==> flow/design.v <==
module mag_cmp_n #(
   parameter W = 7
) (
   input logic sys_clk,
   input logic nrst,
   input logic signed [W-1:0] da_in,
   input logic signed [W-1:0] db_in,
   output logic lt_out,
   output logic a_eq_b_out,
   output logic is_gt_out
);
   logic signed [W-1:0] da_reg;
   logic signed [W-1:0] db_reg;
   always_ff @(posedge sys_clk or negedge nrst) begin
      if (!nrst) begin
         da_reg <= '0;
         db_reg <= '0;
         lt_out <= 1'b0;
         a_eq_b_out <= 1'b0;
         is_gt_out <= 1'b0;
      end else begin
         da_reg <= da_in;
         db_reg <= db_in;
         lt_out <= (da_reg < db_reg);
         a_eq_b_out <= (da_reg == db_reg);
         is_gt_out <= (da_reg > db_reg);
      end
   end
endmodule
Step by step through the tools: mag_cmp_n
What the tools print for mag_cmp_n, step after step.
Lines are those of the file above, counted from 1.
Operators carry their Yosys type and port widths (W data, S select, Z words).
Library cell names are shortened.
Not given: -
- top: mag_cmp_n
- clock input: sys_clk
- standard-cell library: sky130hd
- timing corner: tt_025C_1v80

After elaboration
Yosys after proc, flatten, opt, wreduce and memory -nomap, before mapping. Enables and synchronous resets that opt folds into registers are not counted as muxes. Memory bits, and registers merged into a memory's read port (data or address), are not among the register bits. Print and check cells are not counted. Equal cells are merged and count once.
- magnitude comparators at 2
- noted eq/ne operators: 1
- operators by type and width (cell ; number):
    $gt A7 B7 Y1 ; 1
    $lt A7 B7 Y1 ; 1
    $eq A7 B7 Y1 ; 1
- bits in registers: 17
- input bits at 16

Depth
Yosys ltp: most cells in a row. Word level: on the elaborated netlist, between registers, memories and ports. Mapped: between sequential cells and ports; inverters and the memories' decode and read muxes count.
- depth in word-level cells: 1
- noted ABC_AREA: 0
- gate-level depth with buffers at 5
- noted mapped depth without buffers: 5

Mapped cells and area
The flow's flattened synthesis, as Yosys stat reports it; memories are mapped. The netlist is that of the ABC_AREA named above (0 if unset); the other value can give another one.
- cell count: 44
- noted synthesis area: 0.0006218 mm²
- flip-flop cells: 17
- buffers at 0
- cell types (cell type ; number ; total area (µm²)):
    dfrtp_1 ; 17 ; 425.408
    ha_1 ; 7 ; 87.584
    inv_1 ; 8 ; 30.029
    a21oi_1 ; 2 ; 10.01
    mux2i_1 ; 1 ; 10.01
    and4_1 ; 1 ; 8.758
    o31a_1 ; 1 ; 8.758
    a21boi_1 ; 1 ; 7.507
    nand3b_1 ; 1 ; 7.507
    nor3b_1 ; 1 ; 7.507
    and3_1 ; 1 ; 6.256
    nor3_1 ; 1 ; 5.005
    nand2_1 ; 1 ; 3.754
    nor2_1 ; 1 ; 3.754

Worst setup path after synthesis
Path of least setup slack by OpenSTA after synthesis, without wires, with an ideal clock, recovery checks aside; 20% of the period is set as input and as output delay. Where synthesis merged equal registers, the netlist keeps one of their names.
- path type: reg-to-reg
- start: register da_reg[6]
- end: register is_gt_out
- clock period at 1.72 ns
- noted library setup time: 0.124 ns
- data arrival time: 1.253 ns
- noted path slack: 0.343 ns
- noted path delay: 1.377 ns
- driving pins on the path at 5
- noted path buffers: 0
- synthesis period reached at 1.377 ns
"path delay" is the arrival time less input delay plus setup time.
"driving pins on the path" counts driving pins, that of a launching flip-flop among them; a cell with two outputs on the path counts twice.
"synthesis period reached" = period - worst setup slack (recovery checks aside). The figure is calculated, with input and output delays left at 20% of the set period.
The rows between start and end are the longest chain of elaborated cells between them; the timing report does not say that the signal goes this way. Where chains are equally long, one stands for them.
A line is the first line of the expression or statement that the cell stems from. Yosys adds cells for indexed reads and writes and turns some case tables into memories.
- cells stage by stage: dfrtp_1 > ha_1 > and4_1 > a21boi_1 > o31a_1
- length of the longest elaborated chain at 1
- ends and longest elaborated chain, after synthesis (what ; line ; source):
    from (decl) ; 12 ; logic signed [W-1:0] da_reg;
    from (assign) ; 16 ; da_reg <= '0;
    from (assign) ; 22 ; da_reg <= da_in;
    $gt A7 B7 Y1 ; 26 ; is_gt_out <= (da_reg > db_reg);
    to (assign) ; 20 ; is_gt_out <= 1'b0;
    to (assign) ; 26 ;
    to (decl) ; 10 ; output logic is_gt_out

Path in the finished layout
From the final timing report of job 1: the path of least setup slack in the routed layout; clock arrival at registers is part of the times.
- path type: reg-to-output
- start: register is_gt_out
- end: output port is_gt_out
- clock period at 1.72 ns
- output delay: 0.34 ns
- data arrival time: 1.15 ns
- noted path slack: 0.23 ns
- driving pins on the path at 2
- noted path buffers: 1
- cells stage by stage: dfrtp_1 > clkdlybuf4s50_1
- length of the longest elaborated chain at 0
- ends and longest elaborated chain, after layout (what ; line ; source):
    from (decl) ; 10 ; output logic is_gt_out
    from (assign) ; 20 ; is_gt_out <= 1'b0;
    from (assign) ; 26 ; is_gt_out <= (da_reg > db_reg);
    to (decl) ; 10 ;

# Flow runs of mag_cmp_n

Record of 3 stored runs of the RTL-to-layout flow on mag_cmp_n, platform sky130hd. The runs are unordered. Constraints: input delay and output delay 20% of the set period each, output load 0.01 pF.
By "achieved period" is meant the clock period of the run minus its worst setup slack. This is arithmetic on one report: input and output delays are still those of the set period (20% each).
By "worst setup path time" is meant the share of the clock period that the worst setup path is allowed (20% is reserved at inputs, 20% at outputs), minus its slack. Clock arrival times at its registers enter into it.
"total design power" is the tool's figure for a default switching activity; nothing was simulated.

Job 1

==> flow/run.sh <==
#!/bin/bash
# the make line also repeats the synthesis and layout settings of config.mk as NAME=value (left out here)
make -C /OpenROAD-flow-scripts/flow DESIGN_CONFIG=/design/flow/config.mk WORK_HOME=/design/flow/orfs CLKGATE_MAP_FILE= finish
==> flow/config.mk <==
export PLATFORM = sky130hd
export DESIGN_NAME = mag_cmp_n
export DESIGN_NICKNAME = mag_cmp_n
export VERILOG_FILES = /design/flow/design.v
export SDC_FILE = /design/flow/constraint.sdc
export NUM_CORES = 4
export LEC_CHECK = 0
export CAP_MARGIN = 20
export CORE_MARGIN = 2
export CORE_UTILIZATION = 40
export SLEW_MARGIN = 20
==> flow/constraint.sdc <==
create_clock -name core_clock -period 1.72 [get_ports {sys_clk}]
set_input_delay 0.3440 -clock core_clock [delete_from_list [all_inputs] [get_ports {sys_clk}]]
set_output_delay 0.3440 -clock core_clock [all_outputs]
set_load 0.01 [all_outputs]

Measured in job 1:
- achieved period: 1.491 ns
- area of the standard cells in the finished layout: 0.0008571 mm²
- worst setup path time: 1.15 ns
- worst setup path type: reg-to-output
- noted the total design power: 0.7365 mW
- utilization of the finished layout: 0.576
- noted the smallest setup slack: 0.229 ns
- post-synthesis cell area at 0.0006218 mm²
- setup total negative slack at 0.000 ns
- area of the die at 0.0018862 mm²

Job 2

==> flow/run.sh <==
#!/bin/bash
# the make line also repeats the synthesis and layout settings of config.mk as NAME=value (left out here)
make -C /OpenROAD-flow-scripts/flow DESIGN_CONFIG=/design/flow/config.mk WORK_HOME=/design/flow/orfs CLKGATE_MAP_FILE= finish
==> flow/config.mk <==
export PLATFORM = sky130hd
export DESIGN_NAME = mag_cmp_n
export DESIGN_NICKNAME = mag_cmp_n
export VERILOG_FILES = /design/flow/design.v
export SDC_FILE = /design/flow/constraint.sdc
export NUM_CORES = 4
export LEC_CHECK = 0
export CAP_MARGIN = 20
export CORE_MARGIN = 5
export CORE_UTILIZATION = 31
export MIN_ROUTING_LAYER = met1
export PLACE_DENSITY = 0.95
export SETUP_SLACK_MARGIN = 0.21
export SLEW_MARGIN = 20
==> flow/constraint.sdc <==
create_clock -name core_clock -period 2.62 [get_ports {sys_clk}]
set_input_delay 0.5240 -clock core_clock [delete_from_list [all_inputs] [get_ports {sys_clk}]]
set_output_delay 0.5240 -clock core_clock [all_outputs]
set_load 0.01 [all_outputs]

Measured in job 2:
- achieved period: 1.661 ns
- area of the standard cells in the finished layout: 0.0008621 mm²
- worst setup path time: 1.14 ns
- worst setup path type: reg-to-output
- noted the total design power: 0.4770 mW
- utilization of the finished layout: 0.444
- noted the smallest setup slack: 0.959 ns
- post-synthesis cell area at 0.0006218 mm²
- setup total negative slack at 0.000 ns
- area of the die at 0.0030014 mm²

Job 3

==> flow/run.sh <==
#!/bin/bash
# the make line also repeats the synthesis and layout settings of config.mk as NAME=value (left out here)
make -C /OpenROAD-flow-scripts/flow DESIGN_CONFIG=/design/flow/config.mk WORK_HOME=/design/flow/orfs CLKGATE_MAP_FILE= finish
==> flow/config.mk <==
export PLATFORM = sky130hd
export DESIGN_NAME = mag_cmp_n
export DESIGN_NICKNAME = mag_cmp_n
export VERILOG_FILES = /design/flow/design.v
export SDC_FILE = /design/flow/constraint.sdc
export NUM_CORES = 4
export LEC_CHECK = 0
export ABC_AREA = 1
export CAP_MARGIN = 20
export CELL_PAD_IN_SITES_DETAIL_PLACEMENT = 0
export CELL_PAD_IN_SITES_GLOBAL_PLACEMENT = 1
export CORE_ASPECT_RATIO = 1.69
export CORE_MARGIN = 2
export CORE_UTILIZATION = 56
export CTS_CLUSTER_SIZE = 54
export GPL_ROUTABILITY_DRIVEN = 1
export MAX_ROUTING_LAYER = met4
export PLACE_DENSITY = 0.53
export SETUP_SLACK_MARGIN = 0.14
export SLEW_MARGIN = 10
==> flow/constraint.sdc <==
create_clock -name core_clock -period 1.69 [get_ports {sys_clk}]
set_input_delay 0.3380 -clock core_clock [delete_from_list [all_inputs] [get_ports {sys_clk}]]
set_output_delay 0.3380 -clock core_clock [all_outputs]
set_load 0.01 [all_outputs]

Job 3: not finished: floorplanning ended with error PDN-0185.
